==> flow/design.v <==
module sync_times_blk #(
  parameter NBITS = 7
) (
  input  logic CLK,
  input  logic [NBITS-1:0] in_u,
  input  logic [NBITS-1:0] in_v,
  output logic [2*NBITS-1:0] out_out
);
  logic [NBITS-1:0] u_d1;
  logic [NBITS-1:0] v_d1;
  wire [2*NBITS-1:0] nd [0:NBITS];
  assign nd[0] = 0;
  for (genvar g = 0; g < NBITS; g++) begin : g_bit
    assign nd[g+1] = nd[g] + (v_d1[g] ? {{NBITS{1'b0}}, u_d1} << g : {2*NBITS{1'b0}});
  end
  assign out_out = nd[NBITS];
  always_ff @(posedge CLK) begin
    u_d1 <= in_u;
    v_d1 <= in_v;
  end
endmodule
# Step by step through the tools: sync_times_blk
# Tool output for the members of one design family, told apart by "NBITS", in the order of the flow.
# The file above is the member NBITS=7. Line numbers count from 1 in each member's own file.
# Operators: Yosys type, input widths -> output width; for muxes data width and select width s.
# Cell names lack the library's common part.
# Not given: -
# inputs
design	sync_times_blk
clock	CLK
lib	sky130hd
lib_corner	tt_025C_1v80

# Members of the sweep
# New or changed lines of each further member against the RTL above, in its own file; lines it lacks are not shown.
# changed_lines
NBITS	line	text
14	2	parameter NBITS = 14
16	2	parameter NBITS = 16

# Word level
# Source: Yosys, flattened and elaborated, memories not mapped. Widths are those after wreduce; folded enables and synchronous resets count as part of the registers. Registers that Yosys merges into a memory's read port (data or address) are not register bits. Print and check cells do not count. Equal cells are merged and count once.
# word_totals
NBITS	input_bits	ff_bits	rom_bits	clocked_rd_ports_x_width	latch_bits	out_inout_bits	mem_count	ram_bits	wordCells
7	15	14	0	0	0	14	0	0	15
14	29	28	0	0	0	28	0	0	29
16	33	32	0	0	0	32	0	0	33
# classes
NBITS	shifts	logic	n_reduce_logical	n_mul	n_div	compare	n_eq	muxes	add_sub_neg
7	0	0	0	0	0	0	0	7	6
14	0	0	0	0	0	0	0	14	13
16	0	0	0	0	0	0	0	16	15
# op_table
NBITS	op_list
7	$add 13x13->14: 1; $add 12x12->13: 1; $mux 13: 1; $add 11x11->12: 1; $mux 12: 1; $add 10x10->11: 1; $mux 11: 1; $add 9x9->10: 1; $mux 10: 1; $add 7x8->9: 1; $mux 9: 1; $mux 8: 1; $mux 7: 1
14	$add 27x27->28: 1; $add 26x26->27: 1; $mux 27: 1; $add 25x25->26: 1; $mux 26: 1; $add 24x24->25: 1; $mux 25: 1; $add 23x23->24: 1; $mux 24: 1; $add 22x22->23: 1; $mux 23: 1; $add 21x21->22: 1; $mux 22: 1; $add 20x20->21: 1; $mux 21: 1; $add 19x19->20: 1; $mux 20: 1; $add 18x18->19: 1; $mux 19: 1; $add 17x17->18: 1; $mux 18: 1; $add 16x16->17: 1; $mux 17: 1; $add 14x15->16: 1; $mux 16: 1; $mux 15: 1; $mux 14: 1
16	$add 31x31->32: 1; $add 30x30->31: 1; $mux 31: 1; $add 29x29->30: 1; $mux 30: 1; $add 28x28->29: 1; $mux 29: 1; $add 27x27->28: 1; $mux 28: 1; $add 26x26->27: 1; $mux 27: 1; $add 25x25->26: 1; $mux 26: 1; $add 24x24->25: 1; $mux 25: 1; $add 23x23->24: 1; $mux 24: 1; $add 22x22->23: 1; $mux 23: 1; $add 21x21->22: 1; $mux 22: 1; $add 20x20->21: 1; $mux 21: 1; $add 19x19->20: 1; $mux 20: 1; $add 18x18->19: 1; $mux 19: 1; $add 16x17->18: 1; [+3]
# A list marked [+n] leaves out that many cells.

# Longest topological paths
# Depth = most cells in a row (Yosys ltp): at word level without a register or memory, in the mapped netlist without a sequential cell, where the memories' decode and read muxes count.
# depth
NBITS	word_depth	abc_area	ltp_mapped	mapped_depth_nobuf
7	7	0	13	13
14	14	0	21	20
16	16	0	21	20

# Netlist
# The flow's flattened synthesis, as Yosys stat reports it; memories are mapped. The netlist is that of the ABC_AREA named above (0 if unset); the other value can give another one.
# Totals and module areas in this step are rounded.
# mapped
NBITS	stdcells	ff_cells	seqArea_um2	buffers	synth_area_um2
7	176	14	280.3	0	1768
14	704	28	560.5	29	6794
16	968	32	640.6	36	8877
# by_type
NBITS	type_list
7	fa_1: 27; ha_1: 27; dfxtp_1: 14; and2_1: 39; inv_1: 27; nand2_1: 14; xnor2_1: 5; a21oi_1: 4; mux2i_1: 2; xor2_1: 2; a211oi_2: 1; o31ai_2: 1; and4b_1: 1; nand3_1: 2; o21ai_0: 2; a21o_2: 1; a21oi_2: 1; a21o_1: 1; [+5]
14	fa_1: 146; ha_1: 85; and2_1: 92; dfxtp_1: 28; nand2_1: 120; inv_1: 111; xnor2_1: 13; clkbuf_1: 29; a21o_1: 9; xor2_1: 6; a21oi_1: 10; nor2_1: 11; a211oi_1: 4; a221oi_4: 1; o21ai_0: 5; o21a_1: 3; o21bai_1: 3; a31oi_4: 1; [+27]
16	fa_1: 198; ha_1: 95; inv_1: 193; and2_1: 109; nand2_1: 171; dfxtp_1: 32; xnor2_1: 16; clkbuf_1: 33; a21oi_1: 23; a21o_1: 11; nor2_1: 20; xor2_1: 6; o21ai_0: 9; nand3_1: 6; o211a_1: 3; o21bai_1: 4; a21oi_2: 3; a211oi_2: 2; [+34]
# A list marked [+n] leaves out that many cells.

# Timing after synthesis
# Source: OpenSTA report_checks on the synthesized netlist (no wires, ideal clock, input and output delay 20% of the period each), path of least setup slack; recovery checks are left aside. Register names are those of the netlist, which keeps one name where synthesis merged equal registers.
# synth_path
NBITS	path_type	start	end	tclk_ns	delay_ns	slack_ns	driving_pins	period_less_setup_slack_ns
7	reg2out	register u_d1[3]	output port out_out[11]	6.02	3.850	0.966	13	5.054
14	reg2out	register u_d1[8]	output port out_out[26]	8.04	5.145	1.287	18	6.753
16	reg2out	register v_d1[6]	output port out_out[30]	8.59	5.499	1.373	20	7.217
# "delay_ns" is the arrival time less input delay plus setup time.
# A path that ends at an output port has no setup time.
# "driving_pins" counts driving pins, that of a launching flip-flop among them; a cell with two outputs on the path counts twice.
# "period_less_setup_slack_ns" = period - worst setup slack (recovery checks aside). The figure is calculated, with input and output delays left at 20% of the set period.
# Between the ends stands the longest chain of elaborated cells between them, by number of cells; it is not shown to be the way that was timed. Of several equally long chains one is given.
# Each line given opens the expression or statement behind the cell; cells for indexed reads and writes are added by Yosys, which also makes memories of some case tables.
# synth_between_NBITS_7
elab_chain_cells	7
# synth_lines_NBITS_7
element	line	text
start: declaration	9	logic [NBITS-1:0] u_d1;
start: assignment	18	u_d1 <= in_u;
$mux 7	14	assign nd[g+1] = nd[g] + (v_d1[g] ? {{NBITS{1'b0}}, u_d1} << g : {2*NBITS{1'b0}});
$add 7x8->9	14
$add 9x9->10	14
$add 10x10->11	14
$add 11x11->12	14
$add 12x12->13	14
$add 13x13->14	14
end: declaration	7	output logic [2*NBITS-1:0] out_out
# synth_between_NBITS_16
elab_chain_cells	11
# synth_lines_NBITS_16
element	line	text
start: declaration	10	logic [NBITS-1:0] v_d1;
start: assignment	19	v_d1 <= in_v;
$mux 22	14	assign nd[g+1] = nd[g] + (v_d1[g] ? {{NBITS{1'b0}}, u_d1} << g : {2*NBITS{1'b0}});
$add 22x22->23	14
$add 23x23->24	14
$add 24x24->25	14
$add 25x25->26	14
$add 26x26->27	14
$add 27x27->28	14
$add 28x28->29	14
$add 29x29->30	14
$add 30x30->31	14
$add 31x31->32	14
end: declaration	7	output logic [2*NBITS-1:0] out_out

# Worst path after layout
# Path of least setup slack in the final report of the run of each member (OpenROAD, finished layout, wires in). Where an end is a register, its clock arrival counts in the times.
# layout_path
NBITS	path_type	start	end	tclk_ns	path_buffers	slack_ns	t_arrival_ns	driving_pins
7	reg2out	register v_d1[4]	output port out_out[9]	6.02	1	0.29	4.53	14
14	reg2out	register u_d1[10]	output port out_out[27]	8.04	2	0.29	6.14	17
16	reg2out	register v_d1[11]	output port out_out[31]	8.59	1	0.30	6.57	19

# Flow runs
# Settings and results of one run of the flow (Yosys, OpenROAD) for each member follow. The constraints put input and output delay at 20% of the set period each and load the outputs with 0.01 pF.
# settings
CAP_MARGIN	20
CORE_MARGIN	2
CORE_UTILIZATION	40
SLEW_MARGIN	20
# settings_diff
NBITS	period_ns
7	6.02
14	8.04
16	8.59
# measured
NBITS	cell_area_final_um2	yosys_chip_area_um2	dieArea_um2	achievedPeriod_ns	layout_utilization_pct	hold_worst_slack_ns	ws_setup_ns	timing.setup.tns_ns
7	2183	1768	4967	5.732	50.8	1.402	0.288	0.000
14	7701	6794	18040	7.750	46.4	1.780	0.290	0.000
16	9990	8877	23400	8.287	45.8	1.877	0.303	0.000
# "achievedPeriod_ns" means the clock period less the worst setup slack. The figure is calculated, with input and output delays left at 20% of the set period.
# Measured values are rounded.
